==> flow/design.v <==
module ex_mag_cmp #(
   parameter WD = 8
) (
   input  logic sys_clk,
   input  logic [WD-1:0] src1_in,
   input  logic [WD-1:0] src2_in,
   output logic above_out
);
   logic [WD-1:0] src1_q;
   logic [WD-1:0] src2_q;
   always_ff @(posedge sys_clk) begin
      src1_q <= src1_in;
      src2_q <= src2_in;
   end
   logic [WD:0] carry;
   assign carry[0] = 1'b0;
   for (genvar k = 0; k < WD; k++) begin : slice
      assign carry[k+1] = (src1_q[k] ^ src2_q[k]) ? src1_q[k] : carry[k];
   end
   logic above_q;
   always_ff @(posedge sys_clk) begin
      above_q <= carry[WD];
   end
   assign above_out = above_q;
endmodule
-- Step by step through the tools: ex_mag_cmp
Tool output for the design above, in the order of the flow.
Lines are those of the file above, counted from 1.
A cell with - has no value.
- design top: ex_mag_cmp
- clock input: sys_clk
- cell library: sky130hd
- library corner: tt_025C_1v80

-- Word level
Counts by Yosys on the flattened word-level netlist (proc, flatten, opt, wreduce; memories kept). Register bits leave out memories and registers merged into their read ports (data or address); mux counts leave out enables and synchronous resets folded into registers. Print and check cells are left out. Cells with the same type and inputs are merged into one.
- noted output and inout bits: 1
- noted register bits: 17
- noted cells after elaboration: 19
- noted input bits: 17
- noted bitwise logic cells: 8
- multiplexer cells at 8
- operators by type and width (kind ; number):
    1-bit bitwise XOR ; 8
    1-bit two-way mux ; 8

-- Depth
Longest topological path by Yosys (ltp), each cell counted once; first at word level (registers and memories cut), then after technology mapping (sequential cells cut; the memories' decode and read muxes count).
- depth after elaboration: 9
- ABC_AREA: 0
- mapped depth: 4
- mapped depth without buffers: 4

-- Mapped cells and area
Yosys stat after the flow's synthesis: flattened, memories mapped to cells. It holds for the ABC_AREA given above (unset counts as 0); a run with the other value may have another netlist.
Totals and module areas in this step are rounded.
- cells by type (cell ; number ; area in all (sq um)):
    sky130_fd_sc_hd__dfxtp_1 ; 17 ; 340.326
    sky130_fd_sc_hd__inv_1 ; 7 ; 26.275
    sky130_fd_sc_hd__maj3_2 ; 2 ; 22.522
    sky130_fd_sc_hd__o221ai_2 ; 1 ; 15.014
    sky130_fd_sc_hd__nor2b_4 ; 1 ; 13.763
    sky130_fd_sc_hd__a21oi_2 ; 1 ; 8.758
    sky130_fd_sc_hd__a221oi_1 ; 1 ; 8.758
    sky130_fd_sc_hd__a22o_1 ; 1 ; 8.758
    sky130_fd_sc_hd__a2bb2oi_1 ; 1 ; 8.758
    sky130_fd_sc_hd__o2bb2ai_1 ; 1 ; 8.758
    sky130_fd_sc_hd__nand2b_1 ; 1 ; 6.256
    sky130_fd_sc_hd__o22ai_1 ; 1 ; 6.256
- flip-flops at 17
- cells in the netlist at 35
- mapped area at 470 sq um
- noted buffers: 0
- sequential area: 340 sq um

-- Timing after synthesis
Source: OpenSTA report_checks on the synthesized netlist (no wires, ideal clock, input and output delay 20% of the period each), path of least setup slack; recovery checks are left aside. Register names are those of the netlist, which keeps one name where synthesis merged equal registers.
- path kind: reg2reg
- from: register src1_q[0]
- to: register above_q
- path delay at 1.005 ns
- driving pins on the path: 5
- arrival: 0.880 ns
- period: 1.26 ns
- noted setup time: 0.125 ns
- data required time at 1.135 ns
- path buffers: 0
- noted launch time at the first pin: 0.000 ns
- noted slack: 0.255 ns
- synthesis period reached at 1.005 ns
"path delay" = arrival - input delay + setup time.
"driving pins on the path": output pins that drive a net of the path, with the launching flip-flop's if there is one; two outputs of one cell count as two.
"synthesis period reached" = period - worst setup slack (recovery checks aside). The figure is calculated, with input and output delays left at 20% of the set period.
Between the ends stands the longest chain of elaborated cells between them, by number of cells; it is not shown to be the way that was timed. Of several equally long chains one is given.
Each line given opens the expression or statement behind the cell; cells for indexed reads and writes are added by Yosys, which also makes memories of some case tables.
- cell sequence: sky130_fd_sc_hd__dfxtp_1 sky130_fd_sc_hd__nor2b_4 sky130_fd_sc_hd__maj3_2 sky130_fd_sc_hd__o221ai_2 sky130_fd_sc_hd__a21oi_2
- noted length of the longest elaborated chain: 9
- elaborated cells on any way between the ends: 9
- RTL lines with such cells: 1
- those cells by class: 8 x mux; 1 x logic
- RTL lines, path after synthesis (item ; RTL line ; RTL):
    start, declared ; 9 ; logic [WD-1:0] src1_q;
    start, assigned ; 12 ; src1_q <= src1_in;
    1-bit bitwise XOR ; 18 ; assign carry[k+1] = (src1_q[k] ^ src2_q[k]) ? src1_q[k] : carry[k];
    1-bit two-way mux x8 ; 18 ;
    end, assigned ; 22 ; above_q <= carry[WD];
    end, declared ; 20 ; logic above_q;

-- Timing after layout
Path of least setup slack in the final report of run 1 (OpenROAD, finished layout, wires in). Where an end is a register, its clock arrival counts in the times.
- path kind: reg2out
- from: register above_q
- to: output above_out
- path buffers: 1
- data required time at 1.01 ns
- period: 1.26 ns
- output delay at 0.25 ns
- noted launch time at the first pin: 0.28 ns
- noted slack: 0.16 ns
- driving pins on the path: 2
- arrival: 0.85 ns
- cell sequence: sky130_fd_sc_hd__dfxtp_1 sky130_fd_sc_hd__dlygate4sd2_1
- noted length of the longest elaborated chain: 0
- elaborated cells on any way between the ends: 0
- RTL lines with such cells: 0
- RTL lines, path after layout (item ; RTL line ; RTL):
    start, declared ; 20 ; logic above_q;
    start, assigned ; 22 ; above_q <= carry[WD];
    end, declared ; 7 ; output logic above_out

Hand-over note for ex_mag_cmp

Flow measurements of ex_mag_cmp on sky130hd: 3 stored runs with different settings, listed in no order. Input and output delays are each 20% of the period that was set; the output load is 0.01 pF.
"achieved period" = clock period - worst setup slack. The figure is calculated, with input and output delays left at 20% of the set period.
By "time on the worst setup path" is meant the share of the clock period that the worst setup path is allowed (20% is reserved at inputs, 20% at outputs), minus its slack. Clock arrival times at its registers enter into it.
"total power of the final layout" is the tool's figure for a default switching activity; nothing was simulated.
The results are shown rounded.

Run 1

==> flow/run.sh <==
#!/bin/bash
# the make line also repeats the synthesis and layout settings of config.mk as NAME=value (left out here)
make -C /OpenROAD-flow-scripts/flow DESIGN_CONFIG=/design/flow/config.mk WORK_HOME=/design/flow/orfs CLKGATE_MAP_FILE= finish
==> flow/config.mk <==
export PLATFORM = sky130hd
export DESIGN_NAME = ex_mag_cmp
export DESIGN_NICKNAME = ex_mag_cmp
export VERILOG_FILES = /design/flow/design.v
export SDC_FILE = /design/flow/constraint.sdc
export NUM_CORES = 4
export LEC_CHECK = 0
export CAP_MARGIN = 20
export CORE_MARGIN = 2
export CORE_UTILIZATION = 40
export SLEW_MARGIN = 20
==> flow/constraint.sdc <==
create_clock -name core_clock -period 1.26 [get_ports {sys_clk}]
set_input_delay 0.2520 -clock core_clock [delete_from_list [all_inputs] [get_ports {sys_clk}]]
set_output_delay 0.2520 -clock core_clock [all_outputs]
set_load 0.01 [all_outputs]

Measured in run 1:
- cell area after synthesis: 470 sq um
- noted the area of the die: 1500 sq um
- area of the standard cells in the finished layout at 690 sq um
- noted the utilization: 0.62
- noted the worst setup slack after layout: 0.16 ns
- setup total negative slack: 0.000 ns
- final worst hold slack at 0.41 ns
- total power of the final layout at 950 µW
- achieved period: 1.101 ns
- time on the worst setup path at 0.85 ns
- worst setup path kind: reg2out

Run 2

==> flow/run.sh <==
#!/bin/bash
# the make line also repeats the synthesis and layout settings of config.mk as NAME=value (left out here)
make -C /OpenROAD-flow-scripts/flow DESIGN_CONFIG=/design/flow/config.mk WORK_HOME=/design/flow/orfs CLKGATE_MAP_FILE= finish
==> flow/config.mk <==
export PLATFORM = sky130hd
export DESIGN_NAME = ex_mag_cmp
export DESIGN_NICKNAME = ex_mag_cmp
export VERILOG_FILES = /design/flow/design.v
export SDC_FILE = /design/flow/constraint.sdc
export NUM_CORES = 4
export LEC_CHECK = 0
export CAP_MARGIN = 20
export CORE_MARGIN = 5
export CORE_UTILIZATION = 48
export CTS_CLUSTER_SIZE = 67
export GPL_TIMING_DRIVEN = 0
export PLACE_DENSITY_LB_ADDON = 0.29
export SLEW_MARGIN = 20
export TNS_END_PERCENT = 35
==> flow/constraint.sdc <==
create_clock -name core_clock -period 1.01 [get_ports {sys_clk}]
set_input_delay 0.2020 -clock core_clock [delete_from_list [all_inputs] [get_ports {sys_clk}]]
set_output_delay 0.2020 -clock core_clock [all_outputs]
set_load 0.01 [all_outputs]

Measured in run 2:
- cell area after synthesis: 470 sq um
- noted the area of the die: 1700 sq um
- area of the standard cells in the finished layout at 670 sq um
- noted the utilization: 0.72
- noted the worst setup slack after layout: -0.068 ns
- setup total negative slack: -0.068 ns
- final worst hold slack at 0.36 ns
- total power of the final layout at 1100 µW
- achieved period: 1.078 ns
- time on the worst setup path at 1.08 ns
- worst setup path kind: reg2reg

Run 3

==> flow/run.sh <==
#!/bin/bash
# the make line also repeats the synthesis and layout settings of config.mk as NAME=value (left out here)
make -C /OpenROAD-flow-scripts/flow DESIGN_CONFIG=/design/flow/config.mk WORK_HOME=/design/flow/orfs CLKGATE_MAP_FILE= finish
==> flow/config.mk <==
export PLATFORM = sky130hd
export DESIGN_NAME = ex_mag_cmp
export DESIGN_NICKNAME = ex_mag_cmp
export VERILOG_FILES = /design/flow/design.v
export SDC_FILE = /design/flow/constraint.sdc
export NUM_CORES = 4
export LEC_CHECK = 0
export ABC_AREA = 1
export CAP_MARGIN = 20
export CELL_PAD_IN_SITES_DETAIL_PLACEMENT = 0
export CELL_PAD_IN_SITES_GLOBAL_PLACEMENT = 2
export CORE_MARGIN = 6
export CORE_UTILIZATION = 41
export CTS_CLUSTER_SIZE = 81
export MIN_ROUTING_LAYER = met1
export PLACE_DENSITY_LB_ADDON = 0.03
export SLEW_MARGIN = 20
==> flow/constraint.sdc <==
create_clock -name core_clock -period 1.57 [get_ports {sys_clk}]
set_input_delay 0.3140 -clock core_clock [delete_from_list [all_inputs] [get_ports {sys_clk}]]
set_output_delay 0.3140 -clock core_clock [all_outputs]
set_load 0.01 [all_outputs]

Run 3: incomplete, placement halted on FLW-0024.

End of note.
